==> flow/design.v <==
module cpu_sel_unit #(
   parameter XLEN = 12,
   parameter LANES = 16,
   parameter SEL_WIDTH = $clog2(LANES)
) (
   input wire clk_i,
   input wire RSTN,
   input wire enable,
   input wire [LANES*XLEN-1:0] d_in,
   input wire [SEL_WIDTH-1:0] choose_in,
   output wire [XLEN-1:0] y_out
);
   reg [LANES*XLEN-1:0] d_ff;
   always @(posedge clk_i or negedge RSTN) begin
      if (~RSTN) begin
         d_ff <= 0;
      end else if (enable) begin
         d_ff <= d_in;
      end
   end
   reg [SEL_WIDTH-1:0] choose_ff;
   always @(posedge clk_i or negedge RSTN) begin
      if (~RSTN) begin
         choose_ff <= 0;
      end else if (enable) begin
         choose_ff <= choose_in;
      end
   end
   wire [XLEN-1:0] node [1:2*LANES-1];
   genvar i;
   generate
      for (i = 0; i < LANES; i = i + 1) begin : row
         assign node[LANES+i] = d_ff[i*XLEN +: XLEN];
      end
      for (i = 1; i < LANES; i = i + 1) begin : g_bit
         assign node[i] = choose_ff[SEL_WIDTH - $clog2(i+1)] ? node[2*i+1] : node[2*i];
      end
   endgenerate
   assign y_out = node[1];
endmodule
== From RTL to reports: cpu_sel_unit ==
Tool output for the design above, in the order of the flow.
Lines are those of the file above, counted from 1.
The mark n/a stands for no value.
Inputs
  top: cpu_sel_unit
  clock: clk_i
  standard-cell library: sky130hd
  corner: tt_025C_1v80

== Word level ==
Source: Yosys, flattened and elaborated. Widths are those after wreduce; folded enables and synchronous resets count as part of the registers. Registers that Yosys merges into a memory's read port (data or address) are not register bits. Print and check cells do not count. Equal cells are merged and count once.
Cells by class
  mux-type cells: 15
Operators by type and width (count)
  2-to-1 mux 12 bit: 15
Word-level totals
  register bits after elaboration: 196
  input bits: 199
  output and inout port bits: 12
  elaborated cells: 17

== Longest topological paths ==
Longest topological path by Yosys (ltp), each cell counted once; first at word level (registers and memories cut), then after technology mapping (sequential cells cut; the memories' decode and read muxes count).
Depth
  word-level depth: 4
  ABC_AREA: 0
  mapped depth: 6

== Synthesis result ==
The flow's flattened synthesis, as Yosys stat reports it; memories are mapped. The netlist is that of the ABC_AREA named above (0 if unset); the other value can give another one.
Cell types
  sky130_fd_sc_hd__dfrtp_1: count 196, area in all 4.9E+03 sq um
  sky130_fd_sc_hd__mux2_2: count 196, area in all 2.21E+03 sq um
  sky130_fd_sc_hd__mux4_2: count 42, area in all 945.907 sq um
  sky130_fd_sc_hd__mux4_1: count 6, area in all 157.651 sq um
  sky130_fd_sc_hd__buf_2: count 23, area in all 115.11 sq um
  sky130_fd_sc_hd__a22oi_1: count 15, area in all 112.608 sq um
  sky130_fd_sc_hd__a22oi_2: count 9, area in all 112.608 sq um
  sky130_fd_sc_hd__nand2_1: count 12, area in all 45.043 sq um
  sky130_fd_sc_hd__buf_12: count 2, area in all 40.038 sq um
  sky130_fd_sc_hd__buf_6: count 2, area in all 22.522 sq um
  sky130_fd_sc_hd__buf_1: count 4, area in all 15.014 sq um
  sky130_fd_sc_hd__buf_4: count 2, area in all 15.014 sq um
  sky130_fd_sc_hd__clkbuf_1: count 4, area in all 15.014 sq um
  sky130_fd_sc_hd__nor2b_1: count 2, area in all 12.512 sq um
  sky130_fd_sc_hd__and2_1: count 1, area in all 6.256 sq um
  sky130_fd_sc_hd__nor2_1: count 1, area in all 3.754 sq um
Mapped netlist
  flip-flops: 196
  buffer cells: 37
  standard cells after synthesis: 517
  mapped area: 0.0087309 sq mm

== Worst setup path after synthesis ==
OpenSTA on the mapped netlist: ideal clock, no wires. The path of least setup slack (recovery checks aside). Input and output delay are each 20% of the period. Register names are those of the netlist, which keeps one name where synthesis merged equal registers.
Timing post-synthesis
  path type: register to output
  start: register (no name shown)
  end: output port y_out[7]
  clock period: 2.24 ns
  setup slack: 0.358 ns
  path delay: 1.434 ns
  stages: 6
  arrival time: 1.434 ns
  buffers on the path: 2
  synthesis period reached: 1.882 ns
"path delay" is the arrival time less input delay plus setup time.
A path that ends at an output port has no setup time.
"stages" counts driving pins, that of a launching flip-flop among them; a cell with two outputs on the path counts twice.
"synthesis period reached" is the clock period less the worst setup slack; recovery checks do not enter. This is arithmetic on one report: input and output delays are still those of the set period (20% each).
Between the ends stands the longest chain of elaborated cells between them, by number of cells; it is not shown to be the way that was timed. Of several equally long chains one is given.
Each line given opens the expression or statement behind the cell; cells for indexed reads and writes are added by Yosys, which also makes memories of some case tables.
Between the ends, post-synthesis
  path through: sky130_fd_sc_hd__dfrtp_1 sky130_fd_sc_hd__buf_6 sky130_fd_sc_hd__buf_4 sky130_fd_sc_hd__mux4_2 sky130_fd_sc_hd__a22oi_2 sky130_fd_sc_hd__nand2_1
  length of the longest elaborated chain: 4
Ends and longest elaborated chain, post-synthesis
  from (decl): line 21
  from (assign): line 24
  from (assign): line 26
  2-to-1 mux 12 bit x4: line 36
  to (decl): line 11  | output wire [XLEN-1:0] y_out

== Worst path after layout ==
From the final timing report of run 1: the path of least setup slack in the routed layout; clock arrival at registers is part of the times.
Timing post-layout
  path type: register to output
  start: register (no name shown)
  end: output port y_out[2]
  buffers on the path: 3
  setup slack: -1.00 ns
  arrival time: 2.37 ns
  stages: 7
  clock period: 1.72 ns
Between the ends stands the longest chain of elaborated cells between them, by number of cells; it is not shown to be the way that was timed. Of several equally long chains one is given.
Between the ends, post-layout
  path through: sky130_fd_sc_hd__dfrtp_4 sky130_fd_sc_hd__buf_12 sky130_fd_sc_hd__buf_8 sky130_fd_sc_hd__mux4_2 sky130_fd_sc_hd__a22oi_2 sky130_fd_sc_hd__nand2_2 sky130_fd_sc_hd__buf_6
  length of the longest elaborated chain: 4
Ends and longest elaborated chain, post-layout
  from (decl): line 21
  from (assign): line 24
  from (assign): line 26
  2-to-1 mux 12 bit x4: line 36
  to (decl): line 11  | output wire [XLEN-1:0] y_out

Appendix: measured runs

Design cpu_sel_unit on sky130hd. What follows are 3 stored runs of the flow, each under its own settings; their order means nothing. The constraints put input and output delay at 20% of the set period each and load the outputs with 0.01 pF.
"achieved clock period" = clock period - worst setup slack. The figure is calculated, with input and output delays left at 20% of the set period.
"worst setup path time": the worst setup path's part of the clock period (all of it between registers, 20% less for each end at a port) less its slack. A launch clock that arrives late makes it longer, a capture clock that arrives late makes it shorter.
"power" rests on the timing tool's default activity at the inputs, not on a simulated workload.

Run 1
==> flow/run.sh <==
#!/bin/bash
# the make line also repeats the synthesis and layout settings of config.mk as NAME=value (left out here)
make -C /OpenROAD-flow-scripts/flow DESIGN_CONFIG=/design/flow/config.mk WORK_HOME=/design/flow/orfs CLKGATE_MAP_FILE= finish
==> flow/config.mk <==
export PLATFORM = sky130hd
export DESIGN_NAME = cpu_sel_unit
export DESIGN_NICKNAME = cpu_sel_unit
export VERILOG_FILES = /design/flow/design.v
export SDC_FILE = /design/flow/constraint.sdc
export NUM_CORES = 4
export LEC_CHECK = 0
export CAP_MARGIN = 40
export CELL_PAD_IN_SITES_GLOBAL_PLACEMENT = 2
export CORE_MARGIN = 2
export CORE_UTILIZATION = 17
export CTS_CLUSTER_DIAMETER = 148
export CTS_CLUSTER_SIZE = 11
export MAX_ROUTING_LAYER = met5
export PLACE_DENSITY = 0.47
export SETUP_SLACK_MARGIN = 0.42
export SLEW_MARGIN = 5
export TNS_END_PERCENT = 20
==> flow/constraint.sdc <==
create_clock -name core_clock -period 1.72 [get_ports {clk_i}]
set_input_delay 0.3440 -clock core_clock [delete_from_list [all_inputs] [get_ports {clk_i}]]
set_output_delay 0.3440 -clock core_clock [all_outputs]
set_load 0.01 [all_outputs]

==> results of run 1 <==
chip area after synthesis (Yosys): 0.0087309 sq mm
die area: 0.0531879 sq mm
standard-cell area of the final layout: 0.0131001 sq mm
utilization: 25.6%
worst setup slack after layout: -0.999 ns
total negative slack: -11.297 ns
power: 12,211 uW
achieved clock period: 2.719 ns
worst setup path time: 2.37 ns
worst setup path kind: register to output

Run 2
==> flow/run.sh <==
#!/bin/bash
# the make line also repeats the synthesis and layout settings of config.mk as NAME=value (left out here)
make -C /OpenROAD-flow-scripts/flow DESIGN_CONFIG=/design/flow/config.mk WORK_HOME=/design/flow/orfs CLKGATE_MAP_FILE= finish
==> flow/config.mk <==
export PLATFORM = sky130hd
export DESIGN_NAME = cpu_sel_unit
export DESIGN_NICKNAME = cpu_sel_unit
export VERILOG_FILES = /design/flow/design.v
export SDC_FILE = /design/flow/constraint.sdc
export NUM_CORES = 4
export LEC_CHECK = 0
export CAP_MARGIN = 20
export CORE_MARGIN = 2
export CORE_UTILIZATION = 40
export SLEW_MARGIN = 20
==> flow/constraint.sdc <==
create_clock -name core_clock -period 2.24 [get_ports {clk_i}]
set_input_delay 0.4480 -clock core_clock [delete_from_list [all_inputs] [get_ports {clk_i}]]
set_output_delay 0.4480 -clock core_clock [all_outputs]
set_load 0.01 [all_outputs]

==> results of run 2 <==
chip area after synthesis (Yosys): 0.0087309 sq mm
die area: 0.023025 sq mm
standard-cell area of the final layout: 0.0122005 sq mm
utilization: 56.4%
worst setup slack after layout: -0.475 ns
total negative slack: -4.939 ns
power: 9,240 uW
achieved clock period: 2.715 ns
worst setup path time: 2.27 ns
worst setup path kind: register to output

Run 3
==> flow/run.sh <==
#!/bin/bash
# the make line also repeats the synthesis and layout settings of config.mk as NAME=value (left out here)
make -C /OpenROAD-flow-scripts/flow DESIGN_CONFIG=/design/flow/config.mk WORK_HOME=/design/flow/orfs CLKGATE_MAP_FILE= finish
==> flow/config.mk <==
export PLATFORM = sky130hd
export DESIGN_NAME = cpu_sel_unit
export DESIGN_NICKNAME = cpu_sel_unit
export VERILOG_FILES = /design/flow/design.v
export SDC_FILE = /design/flow/constraint.sdc
export NUM_CORES = 4
export LEC_CHECK = 0
export CAP_MARGIN = 20
export CELL_PAD_IN_SITES_GLOBAL_PLACEMENT = 2
export CORE_ASPECT_RATIO = 1.07
export CORE_MARGIN = 2
export CORE_UTILIZATION = 67
export GPL_TIMING_DRIVEN = 1
export MIN_ROUTING_LAYER = met2
export PLACE_DENSITY_LB_ADDON = 0.06
export SETUP_SLACK_MARGIN = 0.18
export SLEW_MARGIN = 20
==> flow/constraint.sdc <==
create_clock -name core_clock -period 2.79 [get_ports {clk_i}]
set_input_delay 0.5580 -clock core_clock [delete_from_list [all_inputs] [get_ports {clk_i}]]
set_output_delay 0.5580 -clock core_clock [all_outputs]
set_load 0.01 [all_outputs]

==> results of run 3 <==
did not finish, placement stopped with FLW-0024
